==> flow/design.v <==
module mult #(
  parameter WD = 14
) (
  input logic ck,
  input logic adv,
  input logic [WD-1:0] op_a_in,
  input logic [WD-1:0] op_b_in,
  output logic [2*WD-1:0] p_out
);
  localparam HW = WD / 2;
  logic [WD-1:0] ll;
  mul_part #(.N(HW)) inst (.a(op_a_in[HW-1:0]), .b(op_b_in[HW-1:0]), .p(ll));
  logic [WD-1:0] lh;
  mul_part #(.N(HW)) el (.a(op_a_in[HW-1:0]), .b(op_b_in[WD-1:HW]), .p(lh));
  logic [WD-1:0] hl;
  mul_part #(.N(HW)) u (.a(op_a_in[WD-1:HW]), .b(op_b_in[HW-1:0]), .p(hl));
  logic [WD-1:0] hh;
  mul_part #(.N(HW)) i_sub (.a(op_a_in[WD-1:HW]), .b(op_b_in[WD-1:HW]), .p(hh));
  logic [WD:0] t2;
  assign t2 = lh + hl;
  always_ff @(posedge ck) begin
    if (adv) begin
      p_out <= {hh, ll} + {t2, {HW{1'b0}}};
    end
  end
endmodule
module mul_part #(parameter N = 4) (
  input logic [N-1:0] a,
  input logic [N-1:0] b,
  output logic [2*N-1:0] p
);
  assign p = a * b;
endmodule
# Reports on mult
# What the tools print for mult, step after step.
# Lines are those of the file above, counted from 1.
# Library cell names are shortened.
# The mark n/a stands for no value.
# inputs
top_module	mult
clock	ck
library	sky130hd
pvt_corner	tt_025C_1v80

# Elaborated design
# Counts by Yosys on the flattened word-level netlist (proc, flatten, opt, wreduce; memories kept). Register bits leave out memories and registers merged into their read ports (data or address); mux counts leave out enables and synchronous resets folded into registers. Print and check cells are left out. Cells with the same type and inputs are merged into one.
# classes
multipliers	4
n_addsub	2
# ops
op	n
7-bit by 7-bit multiplier with 14-bit output	4
28-bit by 22-bit adder with 28-bit output	1
14-bit by 14-bit adder with 15-bit output	1
# bits
out_inout_bits	28
regBits	28
input_bits	30
elab_cells	7

# Logic depth
# Longest topological path by Yosys (ltp), each cell counted once; first at word level (registers and memories cut), then after technology mapping (sequential cells cut; the memories' decode and read muxes count).
# depth
depth_word	3
ABC_AREA	1
depth_mapped	33
depth_no_buf	32

# Netlist
# Source: synth_stat.txt of the flow (Yosys; design flattened, memories mapped). It holds for the ABC_AREA given above (unset counts as 0); a run with the other value may have another netlist.
# by_type
cell_type	n	area_total_um2
fa_1	118	2.36E+03
ha_1	140	1751.68
inv_1	332	1.25E+03
nand2_1	304	1.14E+03
edfxtp_1	28	840.806
xor2_1	23	201.443
a21oi_1	39	195.187
xnor2_1	19	166.41
nand3_1	32	160.154
clkbuf_1	28	105.101
nor2_1	27	101.347
o21ai_0	14	70.067
nand2_2	11	68.816
nand2_4	5	56.304
nand4_1	8	50.048
nand3_2	4	40.038
a21oi_2	3	26.275
nor2_2	4	25.024
# Not listed: further types 18, cells in them 29.
# synth_totals
buf_cells	28
seqArea_um2	840.8
stdcells	1168
yosys_area_um2	8834.7
flip_flops	28

# Path before layout
# Source: OpenSTA report_checks on the synthesized netlist (no wires, ideal clock, input and output delay 20% of the period each), path of least setup slack; recovery checks are left aside. Register names are those of the netlist, which keeps one name where synthesis merged equal registers.
# synth_path
path_kind	input -> register
start	input op_b_in[1]
end	register p_out[27]
clock_period_ns	9.95
n_path_buf	1
path_slack_ns	2.029
required_time_ns	9.698
stages	31
arrival_time_ns	7.669
t_first_pin_ns	1.990
delay_ns	5.931
in_delay_ns	1.990
setup_time_ns	0.252
synth_period_reached_ns	7.921
# "delay_ns" is the arrival time less input delay plus setup time.
# "stages": output pins that drive a net of the path, with the launching flip-flop's if there is one; two outputs of one cell count as two.
# "synth_period_reached_ns" = period - worst setup slack (recovery checks aside). The figure is calculated, with input and output delays left at 20% of the set period.
# Between the ends stands the longest chain of elaborated cells between them, by number of cells; it is not shown to be the way that was timed. Of several equally long chains one is given.
# A line is the first line of the expression or statement that the cell stems from. Yosys adds cells for indexed reads and writes and turns some case tables into memories.
# synth_via
path_cell_list	clkbuf_1 -> nand2_1 -> inv_1 -> fa_1 -> inv_1 -> fa_1 -> inv_1 -> fa_1 -> fa_1 -> fa_1 -> inv_1 -> fa_1 -> inv_1 -> ha_1 -> nand2_1 -> o21ai_0 -> nand2_1 -> o2111ai_1 -> xor2_1 -> inv_1 -> ha_1 -> nand2_1 -> nor2_1 -> and3_1 -> nand2_1 -> nand2_1 -> nand3_4 -> nand2_4 -> nand3_1 -> nand2_1 -> nand2_1
elab_chain_len	3
cells_between	4
cone_lines	3
classes_between	add/sub: 2; mul: 2
# synth_rtl
item	line	source
start, declared	7	input logic [WD-1:0] op_b_in,
7-bit by 7-bit multiplier with 14-bit output	32	assign p = a * b;
14-bit by 14-bit adder with 15-bit output	20	assign t2 = lh + hl;
28-bit by 22-bit adder with 28-bit output	23	p_out <= {hh, ll} + {t2, {HW{1'b0}}};
end, assigned	23
end, declared	8	output logic [2*WD-1:0] p_out

# Worst path after layout
# From the final timing report of record 1: the path of least setup slack in the routed layout; clock arrival at registers is part of the times.
# layout_path
path_kind	input -> register
start	input op_b_in[6]
end	register p_out[24]
path_slack_ns	-1.49
stages	28
in_delay_ns	1.05
clock_period_ns	5.23
required_time_ns	5.26
n_path_buf	4
setup_time_ns	0.24
arrival_time_ns	6.75
t_first_pin_ns	1.05
# Between the ends stands the longest chain of elaborated cells between them, by number of cells; it is not shown to be the way that was timed. Of several equally long chains one is given.
# layout_via
path_cell_list	buf_6 -> buf_8 -> nand2_4 -> fa_2 -> fa_1 -> inv_1 -> fa_1 -> fa_1 -> fa_1 -> inv_2 -> fa_1 -> inv_2 -> ha_4 -> nand2_4 -> o21ai_2 -> nand2_1 -> o2111ai_2 -> xor2_1 -> inv_1 -> ha_4 -> buf_6 -> a21oi_4 -> o21a_1 -> nand2_2 -> a21oi_4 -> nor2_8 -> buf_12 -> xor2_2
elab_chain_len	3
cells_between	4
cone_lines	3
classes_between	add/sub: 2; mul: 2
# layout_rtl
item	line	source
start, declared	7	input logic [WD-1:0] op_b_in,
7-bit by 7-bit multiplier with 14-bit output	32	assign p = a * b;
14-bit by 14-bit adder with 15-bit output	20	assign t2 = lh + hl;
28-bit by 22-bit adder with 28-bit output	23	p_out <= {hh, ll} + {t2, {HW{1'b0}}};
end, assigned	23
end, declared	8	output logic [2*WD-1:0] p_out

Memo
Re: implementation data of mult

Record of 3 stored runs of the RTL-to-layout flow on mult, platform sky130hd. The runs are unordered. Constraints: input delay and output delay 20% of the set period each, output load 0.01 pF.
"achievedPeriod_ns" is the run's clock period less its worst setup slack. It is reckoned from that one timing run; input and output delays stay at 20% of the period that was set.

Record 1, flow files:
==> flow/run.sh <==
#!/bin/bash
# the make line also repeats the synthesis and layout settings of config.mk as NAME=value (left out here)
make -C /OpenROAD-flow-scripts/flow DESIGN_CONFIG=/design/flow/config.mk WORK_HOME=/design/flow/orfs CLKGATE_MAP_FILE= finish
==> flow/config.mk <==
export PLATFORM = sky130hd
export DESIGN_NAME = mult
export DESIGN_NICKNAME = mult
export VERILOG_FILES = /design/flow/design.v
export SDC_FILE = /design/flow/constraint.sdc
export NUM_CORES = 4
export LEC_CHECK = 0
export ABC_AREA = 1
export CAP_MARGIN = 15
export CORE_ASPECT_RATIO = 0.63
export CORE_MARGIN = 2
export CORE_UTILIZATION = 34
export CTS_CLUSTER_DIAMETER = 105
export CTS_CLUSTER_SIZE = 95
export GPL_ROUTABILITY_DRIVEN = 1
export MAX_ROUTING_LAYER = met4
export MIN_ROUTING_LAYER = met2
export PLACE_DENSITY = 0.77
export SETUP_SLACK_MARGIN = 0.18
export SLEW_MARGIN = 20
export TNS_END_PERCENT = 60
==> flow/constraint.sdc <==
create_clock -name core_clock -period 5.23 [get_ports {ck}]
set_input_delay 1.0460 -clock core_clock [delete_from_list [all_inputs] [get_ports {ck}]]
set_output_delay 1.0460 -clock core_clock [all_outputs]
set_load 0.01 [all_outputs]

==> results of record 1, as CSV <==
result,value
ws_setup_ns,-1.488
synthesis_area_um2,8834.7
finalCellArea_um2,11793.8
achievedPeriod_ns,6.718
final_setup_tns_ns,-21.198
total_die_area_um2,27324.5
ws_hold_ns,1.371

Record 2, flow files:
==> flow/run.sh <==
#!/bin/bash
# the make line also repeats the synthesis and layout settings of config.mk as NAME=value (left out here)
make -C /OpenROAD-flow-scripts/flow DESIGN_CONFIG=/design/flow/config.mk WORK_HOME=/design/flow/orfs CLKGATE_MAP_FILE= finish
==> flow/config.mk <==
export PLATFORM = sky130hd
export DESIGN_NAME = mult
export DESIGN_NICKNAME = mult
export VERILOG_FILES = /design/flow/design.v
export SDC_FILE = /design/flow/constraint.sdc
export NUM_CORES = 4
export LEC_CHECK = 0
export CAP_MARGIN = 20
export CORE_MARGIN = 2
export CORE_UTILIZATION = 40
export SLEW_MARGIN = 20
==> flow/constraint.sdc <==
create_clock -name core_clock -period 9.95 [get_ports {ck}]
set_input_delay 1.9900 -clock core_clock [delete_from_list [all_inputs] [get_ports {ck}]]
set_output_delay 1.9900 -clock core_clock [all_outputs]
set_load 0.01 [all_outputs]

==> results of record 2, as CSV <==
result,value
achievedPeriod_ns,9.152
synthesis_area_um2,8265.4
ws_setup_ns,0.798
ws_hold_ns,2.576
finalCellArea_um2,9369.0
total_die_area_um2,21830.1
final_setup_tns_ns,0.000

Record 3, flow files:
==> flow/run.sh <==
#!/bin/bash
# the make line also repeats the synthesis and layout settings of config.mk as NAME=value (left out here)
make -C /OpenROAD-flow-scripts/flow DESIGN_CONFIG=/design/flow/config.mk WORK_HOME=/design/flow/orfs CLKGATE_MAP_FILE= finish
==> flow/config.mk <==
export PLATFORM = sky130hd
export DESIGN_NAME = mult
export DESIGN_NICKNAME = mult
export VERILOG_FILES = /design/flow/design.v
export SDC_FILE = /design/flow/constraint.sdc
export NUM_CORES = 4
export LEC_CHECK = 0
export CAP_MARGIN = 20
export CELL_PAD_IN_SITES_DETAIL_PLACEMENT = 0
export CORE_ASPECT_RATIO = 0.78
export CORE_MARGIN = 2
export CORE_UTILIZATION = 19
export PLACE_DENSITY_LB_ADDON = 0.19
export SLEW_MARGIN = 15
export TNS_END_PERCENT = 45
==> flow/constraint.sdc <==
create_clock -name core_clock -period 7.74 [get_ports {ck}]
set_input_delay 1.5480 -clock core_clock [delete_from_list [all_inputs] [get_ports {ck}]]
set_output_delay 1.5480 -clock core_clock [all_outputs]
set_load 0.01 [all_outputs]

==> results of record 3, as CSV <==
result,value
final_setup_tns_ns,0.000
finalCellArea_um2,10865.4
total_die_area_um2,45199.3
synthesis_area_um2,8265.4
ws_setup_ns,0.194
ws_hold_ns,1.815
achievedPeriod_ns,7.546
